==> flow/design.v <==
module dp_shifter_v2 #(
  parameter BITS = 48,
  parameter SEL_WIDTH = $clog2(BITS)
) (
  input logic core_clk,
  input logic ce,
  input logic [BITS-1:0] i_ch,
  input logic [SEL_WIDTH-1:0] i_count,
  output logic [BITS-1:0] o_res
);
  logic [BITS-1:0] r_ch;
  logic [SEL_WIDTH-1:0] r_count;
  always_ff @(posedge core_clk) begin
    if (ce) begin
      r_ch <= i_ch;
      r_count <= i_count;
      o_res <= r_ch << r_count;
    end
  end
endmodule
### Reports on dp_shifter_v2

The steps from the RTL of dp_shifter_v2 to its reports follow in flow order.
Line numbers count from 1 in the design file above.
Library cell names are shortened.
Not given: n/a

| set-up | value |
|---|---|
| design top | dp_shifter_v2 |
| clock input | core_clk |
| library | sky130hd |
| library corner | tt_025C_1v80 |

### Word-level counts

Source: Yosys, flattened and elaborated, memories not mapped. Widths are those after wreduce; folded enables and synchronous resets count as part of the registers. Registers that Yosys merges into a memory's read port (data or address) are not register bits. Print and check cells do not count. Equal cells are merged and count once.

| operators by class | value |
|---|---|
| shifts and indexed selects | 1 |

Operators by type and width:

| cell | number |
|---|---|
| 48-bit by 6-bit << shifter with 48-bit output | 1 |

| bit counts | value |
|---|---|
| elaborated cells | 4 |
| register bits | 102 |
| output and inout port bits | 48 |
| input bits | 56 |

### Depth

Depth = most cells in a row (Yosys ltp): at word level without a register or memory, in the mapped netlist without a sequential cell, where the memories' decode and read muxes count.

| logic depth | value |
|---|---|
| word-level depth | 1 |
| ABC_AREA | 0 |
| depth in mapped cells | 10 |
| gate-level depth less buffers | 5 |

### Synthesis result

Yosys stat after the flow's synthesis: flattened, memories mapped to cells. It holds for the ABC_AREA given above (unset counts as 0); a run with the other value may have another netlist.
The area totals of this step are shown rounded.

| mapped netlist | value |
|---|---|
| area of sequential cells | 3,060 um^2 |
| buffers | 42 |
| synthesis area | 6,160 um^2 |
| cell count | 490 |
| flip-flop cells | 102 |

Cell types:

| type | number | area in all (um^2) |
|---|---|---|
| edfxtp_1 | 102 | 3.06E+03 |
| mux4_2 | 29 | 653.126 |
| mux2i_1 | 43 | 430.413 |
| mux4_1 | 9 | 236.477 |
| nand2_1 | 60 | 225.216 |
| mux2_2 | 14 | 157.651 |
| nor2_1 | 41 | 153.898 |
| o22ai_1 | 17 | 106.352 |
| a21oi_1 | 19 | 95.091 |
| o211ai_1 | 10 | 75.072 |
| o221ai_1 | 8 | 70.067 |
| buf_6 | 6 | 67.565 |
| clkbuf_1 | 18 | 67.565 |
| nor3_1 | 12 | 60.058 |
| and2_1 | 8 | 50.048 |
| buf_2 | 9 | 45.043 |
| buf_4 | 6 | 45.043 |
| o21ai_0 | 9 | 45.043 |

Not listed: further types 35, cells in them 70.

### Path before layout

OpenSTA on the mapped netlist: ideal clock, no wires. The path of least setup slack (recovery checks aside). Input and output delay are each 20% of the period. Register names are those of the netlist, which keeps one name where synthesis merged equal registers.

| path post-synthesis | value |
|---|---|
| path type | flip-flop to flip-flop |
| start | register r_count[0] |
| end | register o_res[47] |
| buffers on the path | 3 |
| library setup time | 0.259 ns |
| path delay | 2.112 ns |
| arrival time | 1.853 ns |
| stages | 8 |
| required time | 2.381 ns |
| launch time at the first pin | 0.000 ns |
| period | 2.64 ns |
| path slack | 0.528 ns |
| synthesis period reached | 2.112 ns |

"path delay" = arrival - input delay + setup time.
"stages" counts driving pins, that of a launching flip-flop among them; a cell with two outputs on the path counts twice.
"synthesis period reached" is the clock period less the worst setup slack; recovery checks do not enter. This is arithmetic on one report: input and output delays are still those of the set period (20% each).
Between the ends stands the longest chain of elaborated cells between them, by number of cells; it is not shown to be the way that was timed. Of several equally long chains one is given.
A line is the first line of the expression or statement that the cell stems from. Yosys adds cells for indexed reads and writes and turns some case tables into memories.

| on the way, post-synthesis | value |
|---|---|
| cell sequence | edfxtp_1 -> buf_6 -> inv_1 -> buf_6 -> buf_2 -> mux2i_1 -> o32ai_1 -> a211o_1 |
| length of the longest elaborated chain | 1 |
| elaborated cells on any way between the ends | 1 |
| source lines of those cells | 1 |
| classes of those cells | shift: 1 |

RTL lines, path post-synthesis:

| element | line | text |
|---|---|---|
| start: declaration | 12 | `logic [SEL_WIDTH-1:0] r_count;` |
| start: assignment | 16 | `r_count <= i_count;` |
| 48-bit by 6-bit << shifter with 48-bit output | 17 | `o_res <= r_ch << r_count;` |
| end: assignment | 17 |  |
| end: declaration | 9 | `output logic [BITS-1:0] o_res` |

### Timing after layout

From the final timing report of run 1: the path of least setup slack in the routed layout; clock arrival at registers is part of the times.

| path after layout | value |
|---|---|
| path type | flip-flop to flip-flop |
| start | register r_count[1] |
| end | register o_res[27] |
| required time | 2.73 ns |
| buffers on the path | 1 |
| library setup time | 0.27 ns |
| arrival time | 2.54 ns |
| path slack | 0.19 ns |
| launch time at the first pin | 0.36 ns |
| stages | 7 |
| period | 2.64 ns |

Between the ends stands the longest chain of elaborated cells between them, by number of cells; it is not shown to be the way that was timed. Of several equally long chains one is given.

| on the way, after layout | value |
|---|---|
| cell sequence | edfxtp_1 -> buf_12 -> mux4_1 -> mux2i_1 -> nor2_1 -> a21oi_1 -> o22ai_1 |
| length of the longest elaborated chain | 1 |
| elaborated cells on any way between the ends | 1 |
| source lines of those cells | 1 |
| classes of those cells | shift: 1 |

RTL lines, path after layout:

| element | line | text |
|---|---|---|
| start: declaration | 12 | `logic [SEL_WIDTH-1:0] r_count;` |
| start: assignment | 16 | `r_count <= i_count;` |
| 48-bit by 6-bit << shifter with 48-bit output | 17 | `o_res <= r_ch << r_count;` |
| end: assignment | 17 |  |
| end: declaration | 9 | `output logic [BITS-1:0] o_res` |

==> results <==
Design dp_shifter_v2 on sky130hd. What follows are 3 stored runs of the flow, each under its own settings; their order means nothing. The constraints put input and output delay at 20% of the set period each and load the outputs with 0.01 pF.
"period achieved" is the run's clock period less its worst setup slack. It is reckoned from that one timing run; input and output delays stay at 20% of the period that was set.
"critical setup path time" means the part of the period allowed to the worst setup path (the constraints hold back 20% at inputs and 20% at outputs) less its slack; where the path has registers, the arrival times of their clocks count too.
"overall power": no workload was simulated; the value follows from the tool's default switching activity.
Values from the reports are rounded here.

#### Run 1

| setting | value |
|---|---|
| period_ns | `2.64` |
| CAP_MARGIN | `20` |
| CORE_MARGIN | `2` |
| CORE_UTILIZATION | `40` |
| SLEW_MARGIN | `20` |

| result | value |
|---|---|
| critical setup path time | 2.45 ns |
| class of the worst setup path | flip-flop to flip-flop |
| overall power | 4,810 µW |
| smallest setup slack | 0.187 ns |
| standard-cell area after layout | 7,820 um^2 |
| setup total negative slack | 0.000 ns |
| die outline area | 16,400 um^2 |
| chip area after synthesis (Yosys) | 6,160 um^2 |
| period achieved | 2.453 ns |

#### Run 2

| setting | value |
|---|---|
| period_ns | `4.16` |
| CORE_UTILIZATION | `50` |
| PLACE_DENSITY | `0.53` |
| CORE_MARGIN | `8` |
| CELL_PAD_IN_SITES_GLOBAL_PLACEMENT | `0` |
| CTS_CLUSTER_SIZE | `46` |
| CAP_MARGIN | `30` |
| SLEW_MARGIN | `30` |

| result | value |
|---|---|
| critical setup path time | 2.88 ns |
| class of the worst setup path | flip-flop to flip-flop |
| overall power | 2,870 µW |
| smallest setup slack | 1.28 ns |
| standard-cell area after layout | 7,470 um^2 |
| setup total negative slack | 0.000 ns |
| die outline area | 16,100 um^2 |
| chip area after synthesis (Yosys) | 6,160 um^2 |
| period achieved | 2.880 ns |

#### Run 3

| setting | value |
|---|---|
| period_ns | `3.31` |
| CORE_UTILIZATION | `47` |
| SETUP_SLACK_MARGIN | `0.93` |
| PLACE_DENSITY | `0.46` |
| CELL_PAD_IN_SITES_DETAIL_PLACEMENT | `2` |
| TNS_END_PERCENT | `65` |
| ABC_AREA | `1` |
| GPL_TIMING_DRIVEN | `0` |
| GPL_ROUTABILITY_DRIVEN | `0` |
| CTS_CLUSTER_SIZE | `40` |
| CAP_MARGIN | `5` |
| SLEW_MARGIN | `40` |
| MAX_ROUTING_LAYER | `met4` |
| CORE_MARGIN | `2` |

Stopped before the end: placement reported DPL-0033.
